==> flow/design.v <==
module my_data_mux_n #(
    parameter integer DATA_W = 10
) (
    input  wire clock,
    input  wire aresetn,
    input  wire [DATA_W-1:0] bus0_i,
    input  wire [DATA_W-1:0] bus1_i,
    input  wire [DATA_W-1:0] bus2_i,
    input  wire [DATA_W-1:0] bus3_i,
    input  wire [DATA_W-1:0] bus4_i,
    input  wire [DATA_W-1:0] bus5_i,
    input  wire [DATA_W-1:0] bus6_i,
    input  wire [DATA_W-1:0] bus7_i,
    input  wire [DATA_W-1:0] bus8_i,
    input  wire [DATA_W-1:0] bus9_i,
    input  wire [DATA_W-1:0] bus10_i,
    input  wire [DATA_W-1:0] bus11_i,
    input  wire [DATA_W-1:0] bus12_i,
    input  wire [DATA_W-1:0] bus13_i,
    input  wire [DATA_W-1:0] bus14_i,
    input  wire [DATA_W-1:0] bus15_i,
    input  wire [3:0] pick_i,
    output reg [DATA_W-1:0] data_out_o
);
    reg [DATA_W-1:0] val;
    always @* begin
        case (pick_i)
            4'd0: val = bus0_i;
            4'd1: val = bus1_i;
            4'd2: val = bus2_i;
            4'd3: val = bus3_i;
            4'd4: val = bus4_i;
            4'd5: val = bus5_i;
            4'd6: val = bus6_i;
            4'd7: val = bus7_i;
            4'd8: val = bus8_i;
            4'd9: val = bus9_i;
            4'd10: val = bus10_i;
            4'd11: val = bus11_i;
            4'd12: val = bus12_i;
            4'd13: val = bus13_i;
            4'd14: val = bus14_i;
            default: val = bus15_i;
        endcase
    end
    always @(posedge clock) begin
        if (~aresetn) begin
            data_out_o <= 0;
        end else begin
            data_out_o <= val;
        end
    end
endmodule
Reports on my_data_mux_n
What the tools print for my_data_mux_n, step after step.
Line numbers count from 1 in the design file above.
Library cell names are shortened.
A cell with n/a has no value.
- top: my_data_mux_n
- clock port: clock
- cell library: sky130hd
- library corner: tt_025C_1v80

Word-level counts
Source: Yosys, flattened and elaborated, memories not mapped. Widths are those after wreduce; folded enables and synchronous resets count as part of the registers. Registers that Yosys merges into a memory's read port (data or address) are not register bits. Print and check cells do not count. Equal cells are merged and count once.
- noted word-level cells: 17
- noted bits in registers: 10
- reductions and logical operators: 1
- muxes and demuxes: 1
- noted equal/unequal tests: 14
- operators with widths (kind ; number):
    parallel mux 10 bit (select 15 bit) ; 1
    equality test 4 bit (second input constant) ; 7
    equality test 4 x 3 -> 1 bit (second input constant) ; 4
    equality test 4 x 2 -> 1 bit (second input constant) ; 2
    equality test 4 x 1 -> 1 bit (second input constant) ; 1
    zero test 4 bit ; 1

Longest topological paths
Yosys ltp: most cells in a row. Word level: on the elaborated netlist, between registers, memories and ports. Mapped: between sequential cells and ports; inverters and the memories' decode and read muxes count.
- depth after elaboration: 2
- ABC_AREA: 0
- mapped depth: 7
- noted gate-level depth less buffers: 4

Synthesis result
Yosys stat after the flow's synthesis: flattened, memories mapped to cells. It holds for the ABC_AREA given above (unset counts as 0); a run with the other value may have another netlist.
- flip-flops: 10
- area of sequential cells: 200.2 um^2
- noted cell count: 238
- chip area (Yosys) at 1856.8 um^2
- cell types (cell type ; number ; area in all (um^2)):
    mux2i_1 ; 31 ; 310.298
    dfxtp_1 ; 10 ; 200.192
    nand3b_1 ; 16 ; 120.115
    a22o_1 ; 12 ; 105.101
    and2_1 ; 12 ; 75.072
    o221ai_1 ; 8 ; 70.067
    a31oi_1 ; 11 ; 68.816
    o21ai_0 ; 11 ; 55.053
    a21o_1 ; 7 ; 52.55
    o2bb2ai_1 ; 6 ; 52.55
    buf_6 ; 4 ; 45.043
    mux2_2 ; 4 ; 45.043
    o22ai_1 ; 7 ; 43.792
    nor2_1 ; 11 ; 41.29
    a21oi_1 ; 8 ; 40.038
    buf_2 ; 8 ; 40.038
    buf_4 ; 5 ; 37.536
    nor2b_1 ; 6 ; 37.536
Other cell types: 25; their cells: 61.

Timing after synthesis
Source: OpenSTA report_checks on the synthesized netlist (no wires, ideal clock, input and output delay 20% of the period each), path of least setup slack; recovery checks are left aside. Register names are those of the netlist, which keeps one name where synthesis merged equal registers.
- path type: in2reg
- start point: in pick_i[1]
- end point: reg data_out_o[2]
- setup time: 125 ps
- input delay: 338 ps
- time at the first pin: 338 ps
- delay of the path: 1082 ps
- noted setup slack: 269 ps
- buffers on the path at 1
- clock period: 1690 ps
- noted stages on the path: 5
- required time: 1565 ps
- arrival: 1295 ps
- synthesis period reached: 1421 ps
"delay of the path" is the arrival time less input delay plus setup time.
"stages on the path": output pins that drive a net of the path, with the launching flip-flop's if there is one; two outputs of one cell count as two.
"synthesis period reached" = period - worst setup slack (recovery checks aside). The figure is calculated, with input and output delays left at 20% of the set period.
Between the ends stands the longest chain of elaborated cells between them, by number of cells; it is not shown to be the way that was timed. Of several equally long chains one is given.
A line is the first line of the expression or statement that the cell stems from. Yosys adds cells for indexed reads and writes and turns some case tables into memories.
- cell sequence: buf_4 -> mux2_2 -> o221a_2 -> a211oi_1 -> a31oi_1
- noted cells in the longest elaborated chain: 2
- noted elaborated cells between the ends (all ways): 16
- source lines of those cells: 1
- those cells by class: 14 x eq/ne; 1 x mux; 1 x reduce/logical
- ends and longest elaborated chain, after synthesis (element ; line ; source):
    from (decl) ; 22 ; input  wire [3:0] pick_i,
    equality test 4 bit ; 27 ; case (pick_i)
    parallel mux 10 bit (select 15 bit) ; 27 ;
    to (assign) ; 48 ; data_out_o <= 0;
    to (assign) ; 50 ; data_out_o <= val;
    to (decl) ; 23 ; output reg [DATA_W-1:0] data_out_o

Timing after layout
From the final timing report of run C: the path of least setup slack in the routed layout; clock arrival at registers is part of the times.
The path's times are printed in steps of 10 ps; the period is the one set.
- path type: in2reg
- start point: in bus14_i[2]
- end point: reg data_out_o[2]
- input delay: 340 ps
- noted setup slack: 90 ps
- setup time: 130 ps
- noted stages on the path: 5
- clock period: 1690 ps
- buffers on the path at 1
- arrival: 1710 ps
- time at the first pin: 340 ps
- required time: 1800 ps
Between the ends stands the longest chain of elaborated cells between them, by number of cells; it is not shown to be the way that was timed. Of several equally long chains one is given.
- cell sequence: clkdlybuf4s50_1 -> mux2_2 -> o221a_2 -> a211oi_1 -> a31oi_1
- noted cells in the longest elaborated chain: 1
- noted elaborated cells between the ends (all ways): 1
- source lines of those cells: 1
- those cells by class: 1 x mux
- ends and longest elaborated chain, post-layout (element ; line ; source):
    from (decl) ; 20 ; input  wire [DATA_W-1:0] bus14_i,
    parallel mux 10 bit (select 15 bit) ; 27 ; case (pick_i)
    to (assign) ; 48 ; data_out_o <= 0;
    to (assign) ; 50 ; data_out_o <= val;
    to (decl) ; 23 ; output reg [DATA_W-1:0] data_out_o

Appendix: measured runs

Module my_data_mux_n, platform sky130hd: 3 stored runs of the flow (Yosys, OpenROAD) with differing settings, in no particular order. Input and output delays are each 20% of the period that was set; the output load is 0.01 pF.
"clock period achieved" is the run's clock period less its worst setup slack. It is reckoned from that one timing run; input and output delays stay at 20% of the period that was set.
By "critical path time" is meant the share of the clock period that the worst setup path is allowed (20% is reserved at inputs, 20% at outputs), minus its slack. Clock arrival times at its registers enter into it.
"total power after layout": no workload was simulated; the value follows from the tool's default switching activity.
"critical path time" is given in steps of 10 ps.

Run A

==> flow/run.sh <==
#!/bin/bash
# the make line also repeats the synthesis and layout settings of config.mk as NAME=value (left out here)
make -C /OpenROAD-flow-scripts/flow DESIGN_CONFIG=/design/flow/config.mk WORK_HOME=/design/flow/orfs CLKGATE_MAP_FILE= finish
==> flow/config.mk <==
export PLATFORM = sky130hd
export DESIGN_NAME = my_data_mux_n
export DESIGN_NICKNAME = my_data_mux_n
export VERILOG_FILES = /design/flow/design.v
export SDC_FILE = /design/flow/constraint.sdc
export NUM_CORES = 4
export LEC_CHECK = 0
export ABC_AREA = 0
export CAP_MARGIN = 20
export CELL_PAD_IN_SITES_DETAIL_PLACEMENT = 1
export CORE_ASPECT_RATIO = 1.73
export CORE_MARGIN = 2
export CORE_UTILIZATION = 42
export CTS_CLUSTER_DIAMETER = 356
export GPL_TIMING_DRIVEN = 1
export PLACE_DENSITY_LB_ADDON = 0.24
export SLEW_MARGIN = 20
==> flow/constraint.sdc <==
create_clock -name core_clock -period 1.3 [get_ports {clock}]
set_input_delay 0.2600 -clock core_clock [delete_from_list [all_inputs] [get_ports {clock}]]
set_output_delay 0.2600 -clock core_clock [all_outputs]
set_load 0.01 [all_outputs]

Run A: did not finish, placement stopped with DPL-0033.

Run B

==> flow/run.sh <==
#!/bin/bash
# the make line also repeats the synthesis and layout settings of config.mk as NAME=value (left out here)
make -C /OpenROAD-flow-scripts/flow DESIGN_CONFIG=/design/flow/config.mk WORK_HOME=/design/flow/orfs CLKGATE_MAP_FILE= finish
==> flow/config.mk <==
export PLATFORM = sky130hd
export DESIGN_NAME = my_data_mux_n
export DESIGN_NICKNAME = my_data_mux_n
export VERILOG_FILES = /design/flow/design.v
export SDC_FILE = /design/flow/constraint.sdc
export NUM_CORES = 4
export LEC_CHECK = 0
export CAP_MARGIN = 30
export CELL_PAD_IN_SITES_DETAIL_PLACEMENT = 2
export CORE_MARGIN = 2
export CORE_UTILIZATION = 50
export GPL_ROUTABILITY_DRIVEN = 0
export GPL_TIMING_DRIVEN = 0
export SETUP_SLACK_MARGIN = 0.03
export SLEW_MARGIN = 20
==> flow/constraint.sdc <==
create_clock -name core_clock -period 1.15 [get_ports {clock}]
set_input_delay 0.2300 -clock core_clock [delete_from_list [all_inputs] [get_ports {clock}]]
set_output_delay 0.2300 -clock core_clock [all_outputs]
set_load 0.01 [all_outputs]

Run B: did not finish, placement stopped with GPL-0301.

Run C

==> flow/run.sh <==
#!/bin/bash
# the make line also repeats the synthesis and layout settings of config.mk as NAME=value (left out here)
make -C /OpenROAD-flow-scripts/flow DESIGN_CONFIG=/design/flow/config.mk WORK_HOME=/design/flow/orfs CLKGATE_MAP_FILE= finish
==> flow/config.mk <==
export PLATFORM = sky130hd
export DESIGN_NAME = my_data_mux_n
export DESIGN_NICKNAME = my_data_mux_n
export VERILOG_FILES = /design/flow/design.v
export SDC_FILE = /design/flow/constraint.sdc
export NUM_CORES = 4
export LEC_CHECK = 0
export CAP_MARGIN = 20
export CORE_MARGIN = 2
export CORE_UTILIZATION = 40
export SLEW_MARGIN = 20
==> flow/constraint.sdc <==
create_clock -name core_clock -period 1.69 [get_ports {clock}]
set_input_delay 0.3380 -clock core_clock [delete_from_list [all_inputs] [get_ports {clock}]]
set_output_delay 0.3380 -clock core_clock [all_outputs]
set_load 0.01 [all_outputs]

Measured in run C:
- noted the Yosys chip area after synthesis: 1856.8 um^2
- total die area at 5202.7 um^2
- utilization in the final report at 0.858
- noted the worst slack on setup checks: 90 ps
- final setup TNS at 0 ps
- post-route worst hold slack at 610 ps
- noted the total power after layout: 1423 uW
- clock period achieved at 1600 ps
- noted the critical path time: 1260 ps
- type of the worst setup path: in2reg
